==> flow/design.v <==
module reg_file #(
   parameter ENTRIES = 48,
   parameter WIDTH = 4,
   parameter ADDR_W = $clog2(ENTRIES)
) (
   input logic clock,
   input logic i_rst,
   input logic wen_i,
   input logic [ADDR_W-1:0] wr_addr_i,
   input logic [WIDTH-1:0] d_i,
   input logic [ADDR_W-1:0] read_addr0_i,
   input logic [ADDR_W-1:0] read_addr1_i,
   output logic [WIDTH-1:0] rdata0_o,
   output logic [WIDTH-1:0] rdata1_o
);
   logic [WIDTH-1:0] gpr [ENTRIES-1:0];
   always_ff @(posedge clock) begin
      if (i_rst) begin
         for (int n = 0; n < ENTRIES; n++)
            gpr[n] <= 0;
      end else if (wen_i) begin
         gpr[wr_addr_i] <= d_i;
      end
   end
   logic [WIDTH-1:0] rdata0_r;
   always_ff @(posedge clock) begin
      if (i_rst) begin
         rdata0_r <= 0;
      end else begin
         rdata0_r <= gpr[read_addr0_i];
      end
   end
   assign rdata0_o = rdata0_r;
   logic [WIDTH-1:0] rdata1_r;
   always_ff @(posedge clock) begin
      if (i_rst) begin
         rdata1_r <= 0;
      end else begin
         rdata1_r <= gpr[read_addr1_i];
      end
   end
   assign rdata1_o = rdata1_r;
endmodule
== Tool chain data of reg_file ==
The steps from the RTL of reg_file to its reports follow in flow order.
Line numbers count from 1 in the design file above.
Operators carry their Yosys type and port widths (W data, S select, Z words).
Library cell names are shortened.
A cell with n/a has no value.

* Design top: reg_file
* Clock port: clock
* Standard-cell library: sky130hd
* Library corner: tt_025C_1v80

== After elaboration ==
Yosys after proc, flatten, opt, wreduce and memory -nomap, before mapping. Enables and synchronous resets that opt folds into registers are not counted as muxes. Memory bits, and registers merged into a memory's read port (data or address), are not among the register bits. Print and check cells are not counted. Equal cells are merged and count once.
Yosys's memory passes give these memory sizes; they may raise the number of words (mostly to a power of two), join words into wider ones and drop unused or constant bits.

* Muxes and demuxes: 7

{| class="wikitable"
|+ Operators by type and width
! operator !! count
|-
| $mux W6 || 2
|-
| $mux W4 || 2
|-
| $mux W1 || 3
|}

* Output and inout bits: 8
* RAM bits: 256
* Bits in registers: 0
* Memory cells: 1
* Word-level cells: 8

{| class="wikitable"
|+ Memory list
! memory !! depth !! width !! line !! RTL
|-
| gpr || 64 || 4 || 16 || <nowiki>logic [WIDTH-1:0] gpr [ENTRIES-1:0];</nowiki>
|}

== Depth ==
Yosys ltp: most cells in a row. Word level: on the elaborated netlist, between registers, memories and ports. Mapped: between sequential cells and ports; inverters and the memories' decode and read muxes count.

* Depth after elaboration: 2
* ABC_AREA: 0
* Mapped depth: 9

== Mapped cells and area ==
The flow's flattened synthesis, as Yosys stat reports it; memories are mapped. The netlist is that of the ABC_AREA named above (0 if unset); the other value can give another one.

{| class="wikitable"
|+ Cells by type
! cell type !! count !! area in all (um^2)
|-
| edfxtp_1 || 256 || 7.69E+03
|-
| mux4_2 || 117 || 2.64E+03
|-
| and3_1 || 194 || 1.21E+03
|-
| a21o_1 || 48 || 360.346
|-
| clkbuf_1 || 83 || 311.549
|-
| mux4_1 || 11 || 289.027
|-
| o22ai_1 || 28 || 175.168
|-
| dfxtp_1 || 8 || 160.154
|-
| nand2b_1 || 24 || 150.144
|-
| mux2_2 || 10 || 112.608
|-
| nor2_1 || 29 || 108.854
|-
| buf_4 || 14 || 105.101
|-
| buf_2 || 17 || 85.082
|-
| o2111ai_1 || 7 || 61.309
|-
| o221ai_1 || 7 || 61.309
|-
| mux2i_1 || 6 || 60.058
|-
| nand2_1 || 14 || 52.55
|-
| nor2b_1 || 8 || 50.048
|}

Other cell types: 25; their cells: 71.

* Mapped cells: 952
* Cell area after synthesis: 14201.1 um^2
* Buffer cells: 119
* Mapped flip-flops: 264
* Sequential area: 7847.5 um^2

== Timing after synthesis ==
Path of least setup slack by OpenSTA after synthesis, without wires, with an ideal clock, recovery checks aside; 20% of the period is set as input and as output delay. Where synthesis merged equal registers, the netlist keeps one of their names.

* Path kind: input to register
* From: input port wr_addr_i[0]
* To: memory (name not given)
* Setup time: 330 ps
* Stages: 6
* Period: 2460 ps
* Launch time at the first pin: 492 ps
* Path buffers: 2
* Delay of the path: 1573 ps
* Data required time: 2130 ps
* Path slack: 395 ps
* Arrival time: 1735 ps
* Synthesis period reached: 2065 ps

"delay of the path" is the arrival time less input delay plus setup time.
"stages": output pins that drive a net of the path, with the launching flip-flop's if there is one; two outputs of one cell count as two.
"synthesis period reached" is the clock period less the worst setup slack; recovery checks do not enter. This is arithmetic on one report: input and output delays are still those of the set period (20% each).
Between the ends stands the longest chain of elaborated cells between them, by number of cells; it is not shown to be the way that was timed. Of several equally long chains one is given.
A line is the first line of the expression or statement that the cell stems from. Yosys adds cells for indexed reads and writes and turns some case tables into memories.

* Path through: or3b_2 -> clkbuf_1 -> nor2_1 -> buf_2 -> inv_1 -> nor2_1
* Length of the longest elaborated chain: 2
* Elaborated cells on any way between the ends: 2
* RTL lines with such cells: 2
* Classes of those cells: mux: 2

{| class="wikitable"
|+ Ends and longest elaborated chain, post-synthesis
! what !! line !! RTL
|-
| start, declared || 9 || <nowiki>input logic [ADDR_W-1:0] wr_addr_i,</nowiki>
|-
| $mux W6 || 21 || <nowiki>end else if (wen_i) begin</nowiki>
|-
| $mux W6 || 18 || <nowiki>if (i_rst) begin</nowiki>
|}

== Worst path after layout ==
From the final timing report of run A: the path of least setup slack in the routed layout; clock arrival at registers is part of the times.
The report prints the path's times to 10 ps; the period is as set.

* Path kind: register to register
* From: memory gpr[36][3]
* To: register rdata0_r[3]
* Stages: 6
* Data required time: 2620 ps
* Launch time at the first pin: 540 ps
* Path slack: 50 ps
* Arrival time: 2580 ps
* Path buffers: 1
* Setup time: 130 ps
* Period: 2220 ps

* Path through: edfxtp_1 -> mux4_1 -> nor2b_1 -> a2111oi_0 -> buf_4 -> o41ai_1

{| class="wikitable"
|+ Ends and longest elaborated chain, after layout
! what !! line !! RTL
|-
| start, declared || 16 || <nowiki>logic [WIDTH-1:0] gpr [ENTRIES-1:0];</nowiki>
|-
| end, declared || 25 || <nowiki>logic [WIDTH-1:0] rdata0_r;</nowiki>
|}

Chain of elaborated cells between the ends: none given.

Below are 3 stored runs of the flow (Yosys, OpenROAD; platform sky130hd) on reg_file, each with its settings and what was measured, unordered. Constraints: input delay and output delay 20% of the set period each, output load 0.01 pF.
"achieved period" = clock period - worst setup slack. The figure is calculated, with input and output delays left at 20% of the set period.
"critical path time": the worst setup path's part of the clock period (all of it between registers, 20% less for each end at a port) less its slack. A launch clock that arrives late makes it longer, a capture clock that arrives late makes it shorter.
By "power consumption" is meant OpenSTA's value without simulated activity: inputs other than the clock are taken to toggle once in ten clock periods, and the tool carries that through the logic.
"critical path time" is given in steps of 10 ps.

=== Run A ===
{| class="wikitable"
! Setting !! Value
|-
| period_ns || 2.22
|-
| CORE_UTILIZATION || 68
|-
| PLACE_DENSITY_LB_ADDON || 0.05
|-
| CORE_MARGIN || 3
|-
| GPL_TIMING_DRIVEN || 1
|-
| CTS_CLUSTER_DIAMETER || 288
|-
| CAP_MARGIN || 25
|-
| SLEW_MARGIN || 40
|-
| MAX_ROUTING_LAYER || met4
|-
! Result !! Value
|-
| Utilization of the finished layout || 0.814
|-
| Power consumption || 11811 µW
|-
| Setup TNS || 0 ps
|-
| Achieved period || 2175 ps
|-
| Critical path time || 2170 ps
|-
| Type of the worst setup path || register to register
|-
| Setup slack of the worst path || 45 ps
|-
| Die area || 22653.3 um^2
|-
| Standard-cell area after routing || 16583.4 um^2
|-
| Worst hold slack after layout || 371 ps
|-
| Chip area in the Yosys report || 14201.1 um^2
|}

=== Run B ===
{| class="wikitable"
! Setting !! Value
|-
| period_ns || 1.37
|-
| CORE_UTILIZATION || 29
|-
| SETUP_SLACK_MARGIN || 0.29
|-
| PLACE_DENSITY_LB_ADDON || 0.13
|-
| TNS_END_PERCENT || 85
|-
| GPL_ROUTABILITY_DRIVEN || 0
|-
| CTS_CLUSTER_SIZE || 35
|-
| CTS_CLUSTER_DIAMETER || 238
|-
| CAP_MARGIN || 20
|-
| CORE_MARGIN || 2
|-
| SLEW_MARGIN || 20
|-
! Result !! Value
|-
| Chip area in the Yosys report || 14201.1 um^2
|-
| Achieved period || 1766 ps
|-
| Die area || 50755.6 um^2
|-
| Utilization of the finished layout || 0.391
|-
| Worst hold slack after layout || 163 ps
|-
| Standard-cell area after routing || 19034.5 um^2
|-
| Setup TNS || -2727 ps
|-
| Power consumption || 16600 µW
|-
| Setup slack of the worst path || -396 ps
|-
| Critical path time || 1770 ps
|-
| Type of the worst setup path || register to register
|}

=== Run C ===
{| class="wikitable"
! Setting !! Value
|-
| period_ns || 2.46
|-
| CAP_MARGIN || 20
|-
| CORE_MARGIN || 2
|-
| CORE_UTILIZATION || 40
|-
| SLEW_MARGIN || 20
|-
! Result !! Value
|-
| Chip area in the Yosys report || 14201.1 um^2
|-
| Setup slack of the worst path || 408 ps
|-
| Standard-cell area after routing || 16683.5 um^2
|-
| Setup TNS || 0 ps
|-
| Achieved period || 2052 ps
|-
| Critical path time || 1560 ps
|-
| Type of the worst setup path || input to register
|-
| Die area || 37025.5 um^2
|-
| Power consumption || 11123 µW
|-
| Worst hold slack after layout || 412 ps
|-
| Utilization of the finished layout || 0.474
|}
